==> flow/design.v <==
module sync_reg_bank_top (core_clk, load, wa, wd, raddr_a, raddr_b, dout_a, dout_b);
    parameter D = 48;
    parameter DWIDTH = 12;
    localparam ADDR_W = $clog2(D);
    input core_clk;
    input load;
    input [ADDR_W-1:0] wa;
    input [DWIDTH-1:0] wd;
    input [ADDR_W-1:0] raddr_a;
    input [ADDR_W-1:0] raddr_b;
    output [DWIDTH-1:0] dout_a;
    output [DWIDTH-1:0] dout_b;
    reg [DWIDTH-1:0] bank [0:D-1];
    always @(posedge core_clk) begin
        if (load && wa != 0)
            bank[wa] <= wd;
    end
    assign dout_a = (raddr_a == 0) ? {DWIDTH{1'b0}} : bank[raddr_a];
    assign dout_b = (raddr_b == 0) ? {DWIDTH{1'b0}} : bank[raddr_b];
endmodule
[Step by step through the tools: sync_reg_bank_top]
Tool output for the design above, in the order of the flow.
Line numbers count from 1 in the design file above.
Library cell names are shortened.
Not given: --
Set-up
  top: sync_reg_bank_top
  clock: core_clk
  cell library: sky130hd
  corner: tt_025C_1v80

[Word level]
Source: Yosys, flattened and elaborated, memories not mapped. Widths are those after wreduce; folded enables and synchronous resets count as part of the registers. Registers that Yosys merges into a memory's read port (data or address) are not register bits. Print and check cells do not count. Equal cells are merged and count once.
Memory sizes are those after Yosys's memory passes, which may raise the word count (mostly to a power of two), join words into wider ones and drop unused or constant bits.
Bit counts
  bits in registers: 0
  bits in writable memories: 576
  memory cells: 1
  bits of input ports: 32
  output and inout bits: 24
  word-level cells: 10
Operators by class
  multiplexer cells: 5
  reductions and logical operators: 4
Memories
  bank: depth 48, bits a word 12, read ports 2, write ports 1, RTL line 13  | reg [DWIDTH-1:0] bank [0:D-1];
Operators with widths (count)
  two-way mux 12 bit: 3
  logical NOT 6 bit: 2
  nonzero test 6 bit: 1
  two-way mux 6 bit: 1
  logical AND 1 bit: 1
  two-way mux 1 bit: 1

[Logic depth]
Longest topological path by Yosys (ltp), each cell counted once; first at word level (registers and memories cut), then after technology mapping (sequential cells cut; the memories' decode and read muxes count).
Depth
  depth in word-level cells: 3
  ABC_AREA: 0
  gate-level depth with buffers: 9
  gate-level depth less buffers: 5

[Mapped cells and area]
Yosys stat after the flow's synthesis: flattened, memories mapped to cells. It holds for the ABC_AREA given above (unset counts as 0); a run with the other value may have another netlist.
Synthesis totals
  mapped cells: 1371
  mapped area: 27004.6 um2
  sequential area: 17296.6 um2
  mapped flip-flops: 576
  buffers: 101
Cells by type
  edfxtp_1: count 576, total area 1.73E+04 um2
  mux4_2: count 267, total area 6.01E+03 um2
  mux2i_1: count 56, total area 560.538 um2
  mux4_1: count 11, total area 289.027 um2
  nor2_1: count 70, total area 262.752 um2
  a221oi_1: count 26, total area 227.718 um2
  a22oi_1: count 27, total area 202.694 um2
  buf_2: count 40, total area 200.192 um2
  buf_6: count 17, total area 191.434 um2
  nand2_1: count 39, total area 146.39 um2
  a21oi_1: count 25, total area 125.12 um2
  nand3_1: count 19, total area 95.091 um2
  nor2b_1: count 15, total area 93.84 um2
  clkbuf_1: count 22, total area 82.579 um2
  a22o_1: count 9, total area 78.826 um2
  buf_4: count 10, total area 75.072 um2
  a32oi_1: count 8, total area 70.067 um2
  o22ai_1: count 11, total area 68.816 um2
Not listed: further types 36, cells in them 123.

[Timing after synthesis]
Path of least setup slack by OpenSTA after synthesis, without wires, with an ideal clock, recovery checks aside; 20% of the period is set as input and as output delay. Where synthesis merged equal registers, the netlist keeps one of their names.
Timing post-synthesis
  kind: in2out
  start: input raddr_a[0]
  end: output dout_a[0]
  period: 3.39 ns
  external input delay: 0.678 ns
  external output delay: 0.678 ns
  arrival: 2.306 ns
  slack: 0.406 ns
  path delay: 1.628 ns
  stages: 8
  buffers on the path: 3
  period reached after synthesis: 2.984 ns
"path delay" = arrival - input delay + setup time.
At an output port there is no setup time.
"stages": output pins that drive a net of the path, with the launching flip-flop's if there is one; two outputs of one cell count as two.
"period reached after synthesis" is the clock period less the worst setup slack; recovery checks do not enter. This is arithmetic on one report: input and output delays are still those of the set period (20% each).
The rows between start and end are the longest chain of elaborated cells between them; the timing report does not say that the signal goes this way. Where chains are equally long, one stands for them.
A line is the first line of the expression or statement that the cell stems from. Yosys adds cells for indexed reads and writes and turns some case tables into memories.
The chain passes a memory read, where the word-level depth is cut; so it can be longer than that depth.
Between the ends, post-synthesis
  cells stage by stage: buf_2 > buf_6 > buf_2 > mux4_2 > a22oi_1 > nor2_1 > nor4_1 > a21oi_1
  length of the longest elaborated chain: 2
  elaborated cells on any way between the ends: 3
  RTL lines with such cells: 2
RTL lines, path post-synthesis
  start: declaration: RTL line 9  | input [ADDR_W-1:0] raddr_a;
  memory (48 x 12 bit): RTL line 13  | reg [DWIDTH-1:0] bank [0:D-1];
  two-way mux 12 bit: RTL line 18  | assign dout_a = (raddr_a == 0) ? {DWIDTH{1'b0}} : bank[raddr_a];
  end: declaration: RTL line 11  | output [DWIDTH-1:0] dout_a;

[Path in the finished layout]
Path of least setup slack in the final report of run 1 (OpenROAD, finished layout, wires in). Where an end is a register, its clock arrival counts in the times.
Timing post-layout
  kind: in2out
  start: input raddr_b[0]
  end: output dout_b[3]
  period: 2.89 ns
  external input delay: 0.58 ns
  external output delay: 0.58 ns
  arrival: 2.59 ns
  slack: -0.28 ns
  stages: 11
  buffers on the path: 6
The rows between start and end are the longest chain of elaborated cells between them; the timing report does not say that the signal goes this way. Where chains are equally long, one stands for them.
The chain passes a memory read, where the word-level depth is cut; so it can be longer than that depth.
Between the ends, post-layout
  cells stage by stage: buf_16 > buf_12 > buf_12 > buf_6 > mux4_2 > mux2i_1 > buf_4 > o211ai_1 > a2111oi_4 > a21oi_2 > buf_2
  length of the longest elaborated chain: 2
  elaborated cells on any way between the ends: 3
  RTL lines with such cells: 2
RTL lines, path post-layout
  start: declaration: RTL line 10  | input [ADDR_W-1:0] raddr_b;
  memory (48 x 12 bit): RTL line 13  | reg [DWIDTH-1:0] bank [0:D-1];
  two-way mux 12 bit: RTL line 19  | assign dout_b = (raddr_b == 0) ? {DWIDTH{1'b0}} : bank[raddr_b];
  end: declaration: RTL line 12  | output [DWIDTH-1:0] dout_b;

FLOW RESULTS
============

sync_reg_bank_top through Yosys and OpenROAD on sky130hd: 3 stored runs, unordered, with their settings and measured results. The constraints put input and output delay at 20% of the set period each and load the outputs with 0.01 pF.
"period achieved" is the run's clock period less its worst setup slack. It is reckoned from that one timing run; input and output delays stay at 20% of the period that was set.
"power consumption": no workload was simulated; the value follows from the tool's default switching activity.

==> run 1: settings <==
{ "period_ns": 2.89, "CORE_UTILIZATION": 17, "SETUP_SLACK_MARGIN": 0.81, "PLACE_DENSITY_LB_ADDON": 0.24, "CORE_MARGIN": 4, "TNS_END_PERCENT": 75, "GPL_ROUTABILITY_DRIVEN": 1, "CTS_CLUSTER_DIAMETER": 60, "CAP_MARGIN": 40, "SLEW_MARGIN": 10, "MAX_ROUTING_LAYER": "met5" }
==> run 1: results <==
standard-cell area after routing: 37770.0 um2
period achieved: 3.171 ns
setup slack of the critical path: -0.281 ns
die outline area: 165291.0 um2
power consumption: 0.020486 W
smallest hold slack: 0.263 ns
area of the synthesized netlist: 27004.6 um2

==> run 2: settings <==
{ "period_ns": 3.95, "CORE_UTILIZATION": 26, "PLACE_DENSITY": 0.75, "CORE_MARGIN": 5, "CTS_CLUSTER_DIAMETER": 380, "CAP_MARGIN": 20, "SLEW_MARGIN": 20 }
==> run 2: results <==
die outline area: 110410.0 um2
standard-cell area after routing: 33601.0 um2
setup slack of the critical path: 0.035 ns
period achieved: 3.915 ns
power consumption: 0.013834 W
smallest hold slack: 0.846 ns
area of the synthesized netlist: 27004.6 um2

==> run 3: settings <==
{ "period_ns": 3.39, "CAP_MARGIN": 20, "CORE_MARGIN": 2, "CORE_UTILIZATION": 40, "SLEW_MARGIN": 20 }
==> run 3: results <==
power consumption: 0.016473 W
period achieved: 3.436 ns
standard-cell area after routing: 33833.7 um2
setup slack of the critical path: -0.046 ns
die outline area: 69606.3 um2
smallest hold slack: 0.507 ns
area of the synthesized netlist: 27004.6 um2
